==> flow/design.v <==
module core_registers_v2 #(
   parameter NWORDS = 10,
   parameter W = 32,
   parameter NUM_RD = 4,
   parameter WP = 3,
   parameter IDX_W = $clog2(NWORDS)
) (
   input logic aclk,
   input logic [WP-1:0] wen,
   input logic [WP*IDX_W-1:0] wsel,
   input logic [WP*W-1:0] din,
   input logic [NUM_RD*IDX_W-1:0] rd_idx,
   output logic [NUM_RD*W-1:0] rd
);
   logic [WP-1:0] wen_q;
   logic [WP*IDX_W-1:0] wsel_q;
   logic [WP*W-1:0] din_q;
   logic [W-1:0] ram [0:NWORDS-1];
   always_ff @(posedge aclk) begin
      for (int n = 0; n < WP; n++)
         if (wen_q[n]) ram[wsel_q[n*IDX_W +: IDX_W]] <= din_q[n*W +: W];
   end
   logic [NUM_RD*IDX_W-1:0] rd_idx_q;
   logic [NUM_RD*W-1:0] cur;
   generate
      for (genvar m = 0; m < NUM_RD; m++) begin : blk
         assign cur[m*W +: W] = ram[rd_idx_q[m*IDX_W +: IDX_W]];
      end
   endgenerate
   logic [NUM_RD*W-1:0] rd_q;
   assign rd = rd_q;
   always_ff @(posedge aclk) begin
      wen_q <= wen;
      wsel_q <= wsel;
      din_q <= din;
      rd_idx_q <= rd_idx;
      rd_q <= cur;
   end
endmodule
---- Step by step through the tools: core_registers_v2 ----
Tool output for the design above, in the order of the flow.
Line numbers count from 1 in the design file above.
Operators: Yosys type, input widths -> output width; for muxes data width and select width s.
Cell names lack the library's common part.
The mark n/a stands for no value.
set-up
  top module .............................. core_registers_v2
  clock port .............................. aclk
  library ................................. sky130hd
  library corner .......................... tt_025C_1v80

---- After elaboration ----
Source: Yosys, flattened and elaborated, memories not mapped. Widths are those after wreduce; folded enables and synchronous resets count as part of the registers. Registers that Yosys merges into a memory's read port (data or address) are not register bits. Print and check cells do not count. Equal cells are merged and count once.
Yosys's memory passes give these memory sizes; they may raise the number of words (mostly to a power of two), join words into wider ones and drop unused or constant bits.
cells by class
  muxes and demuxes ....................... 9
operators by type and width
  kind     number
  $mux 32  3
  $mux 4   3
  $mux 1   3
word-level totals
  register bits after elaboration ......... 127
  bits in writable memories ............... 320
  word width x clocked read ports ......... 128
  memories kept ........................... 1
  input bits .............................. 128
  output and inout bits ................... 128
  elaborated cells ........................ 14
memory list
  memory  depth  bits a word  read ports  write ports  line  source
  ram     10     32           4           3            18    logic [W-1:0] ram [0:NWORDS-1];

---- Logic depth ----
Yosys ltp: most cells in a row. Word level: on the elaborated netlist, between registers, memories and ports. Mapped: between sequential cells and ports; inverters and the memories' decode and read muxes count.
logic depth
  word-level depth ........................ 1
  ABC_AREA ................................ 0
  gate-level depth with buffers ........... 6

---- After synthesis ----
Yosys stat after the flow's synthesis: flattened, memories mapped to cells. It holds for the ABC_AREA given above (unset counts as 0); a run with the other value may have another netlist.
synthesis totals
  cells in the netlist .................... 3550
  mapped area ............................. 34354.2 um^2
  sequential part of the area ............. 14714.1 um^2
  mapped flip-flops ....................... 575
  buffer cells ............................ 470
cell types
  cell      number  area in all (um^2)
  edfxtp_1  320     9.61E+03
  dfxtp_1   255     5.1E+03
  mux2_2    384     4.32E+03
  mux2i_1   256     2.56E+03
  a31oi_1   320     2001.92
  nand3_1   322     1.61E+03
  nor3_1    320     1.6E+03
  o21ai_0   309     1.55E+03
  a22o_1    128     1.12E+03
  clkbuf_1  281     1.05E+03
  o31ai_1   128     960.922
  o22ai_1   128     800.768
  nand2_1   142     533.011
  buf_2     83      415.398
  buf_4     30      225.216
  buf_6     20      225.216
  buf_1     47      176.419
  o211ai_1  10      75.072
Other cell types: 13; their cells: 67.

---- Path before layout ----
OpenSTA on the mapped netlist: ideal clock, no wires. The path of least setup slack (recovery checks aside). Input and output delay are each 20% of the period. Register names are those of the netlist, which keeps one name where synthesis merged equal registers.
timing path post-synthesis
  path type ............................... register to register
  start point ............................. register wen_q[1]
  end point ............................... memory ram[0][0]
  period .................................. 3.94 ns
  arrival ................................. 2.718 ns
  setup slack ............................. 0.792 ns
  delay of the path ....................... 3.149 ns
  driving pins on the path ................ 6
  buffers on the path ..................... 3
  synthesis period reached ................ 3.148 ns
"delay of the path" = arrival - input delay + setup time.
"driving pins on the path": output pins that drive a net of the path, with the launching flip-flop's if there is one; two outputs of one cell count as two.
"synthesis period reached" = period - worst setup slack (recovery checks aside). The figure is calculated, with input and output delays left at 20% of the set period.
The rows between start and end are the longest chain of elaborated cells between them; the timing report does not say that the signal goes this way. Where chains are equally long, one stands for them.
Each line given opens the expression or statement behind the cell; cells for indexed reads and writes are added by Yosys, which also makes memories of some case tables.
Only ways into the end's enable, where the timed path ends, are counted here.
on the way, post-synthesis
  path through ............................ dfxtp_1 -> or3b_1 -> clkbuf_2 -> buf_6 -> buf_2 -> o211ai_1
  cells in the longest elaborated chain ... 1
  elaborated cells on any way between the ends .. 2
ends and longest elaborated chain, post-synthesis
  element          line  source
  start, declared  15    logic [WP-1:0] wen_q;
  start, assigned  33    wen_q <= wen;
  $mux 4           21    if (wen_q[n]) ram[wsel_q[n*IDX_W +: IDX_W]] <= din_q[n*W +: W];
  end, declared    18    logic [W-1:0] ram [0:NWORDS-1];

---- Timing after layout ----
Path of least setup slack in the final report of entry A (OpenROAD, finished layout, wires in). Where an end is a register, its clock arrival counts in the times.
timing path post-layout
  path type ............................... register to register
  start point ............................. register wsel_q[6]
  end point ............................... memory ram[9][10]
  period .................................. 3.94 ns
  arrival ................................. 2.88 ns
  setup slack ............................. 1.30 ns
  driving pins on the path ................ 4
  buffers on the path ..................... 1
The rows between start and end are the longest chain of elaborated cells between them; the timing report does not say that the signal goes this way. Where chains are equally long, one stands for them.
on the way, post-layout
  path through ............................ dfxtp_1 -> nand3b_1 -> o211ai_1 -> buf_4
  cells in the longest elaborated chain ... 1
  elaborated cells on any way between the ends .. 1
ends and longest elaborated chain, post-layout
  element          line  source
  start, declared  16    logic [WP*IDX_W-1:0] wsel_q;
  start, assigned  34    wsel_q <= wsel;
  $mux 4           21    if (wen_q[n]) ram[wsel_q[n*IDX_W +: IDX_W]] <= din_q[n*W +: W];
  end, declared    18    logic [W-1:0] ram [0:NWORDS-1];

Lab notebook: core_registers_v2

Measured results for core_registers_v2: 2 stored runs of the Yosys and OpenROAD flow on sky130hd. The settings differ; the order carries no meaning. The constraints put input and output delay at 20% of the set period each and load the outputs with 0.01 pF.
"clock period reached": clock period set for the run, less the worst setup slack. It is reckoned from that one timing run; input and output delays stay at 20% of the period that was set.
"critical path time" means the part of the period allowed to the worst setup path (the constraints hold back 20% at inputs and 20% at outputs) less its slack; where the path has registers, the arrival times of their clocks count too.
"total power of the final layout": no workload was simulated; the value follows from the tool's default switching activity.

---- entry A ----
settings
  period_ns = 3.94
  CAP_MARGIN = 20
  CORE_MARGIN = 2
  CORE_UTILIZATION = 40
  SLEW_MARGIN = 20
results
  area inside the die boundary ............ 88244.6 um^2
  clock period reached .................... 2.643 ns
  final setup TNS ......................... 0.000 ns
  utilization after layout ................ 0.466
  synthesized cell area ................... 34354.2 um^2
  worst hold slack ........................ 0.613 ns
  total power of the final layout ......... 16.781 mW
  critical path time ...................... 2.64 ns
  critical path kind ...................... register to register
  setup slack of the worst path ........... 1.297 ns
  standard-cell area after layout ......... 39699.3 um^2

---- entry B ----
settings
  period_ns = 5.48
  CORE_UTILIZATION = 72
  PLACE_DENSITY_LB_ADDON = 0.1
  HOLD_SLACK_MARGIN = -0.02
  CELL_PAD_IN_SITES_GLOBAL_PLACEMENT = 0
  CELL_PAD_IN_SITES_DETAIL_PLACEMENT = 2
  ABC_AREA = 0
  GPL_TIMING_DRIVEN = 1
  GPL_ROUTABILITY_DRIVEN = 0
  CTS_CLUSTER_DIAMETER = 51
  MAX_ROUTING_LAYER = met4
  CAP_MARGIN = 20
  CORE_MARGIN = 2
  SLEW_MARGIN = 20
results
  not finished: placement ended with a tool error
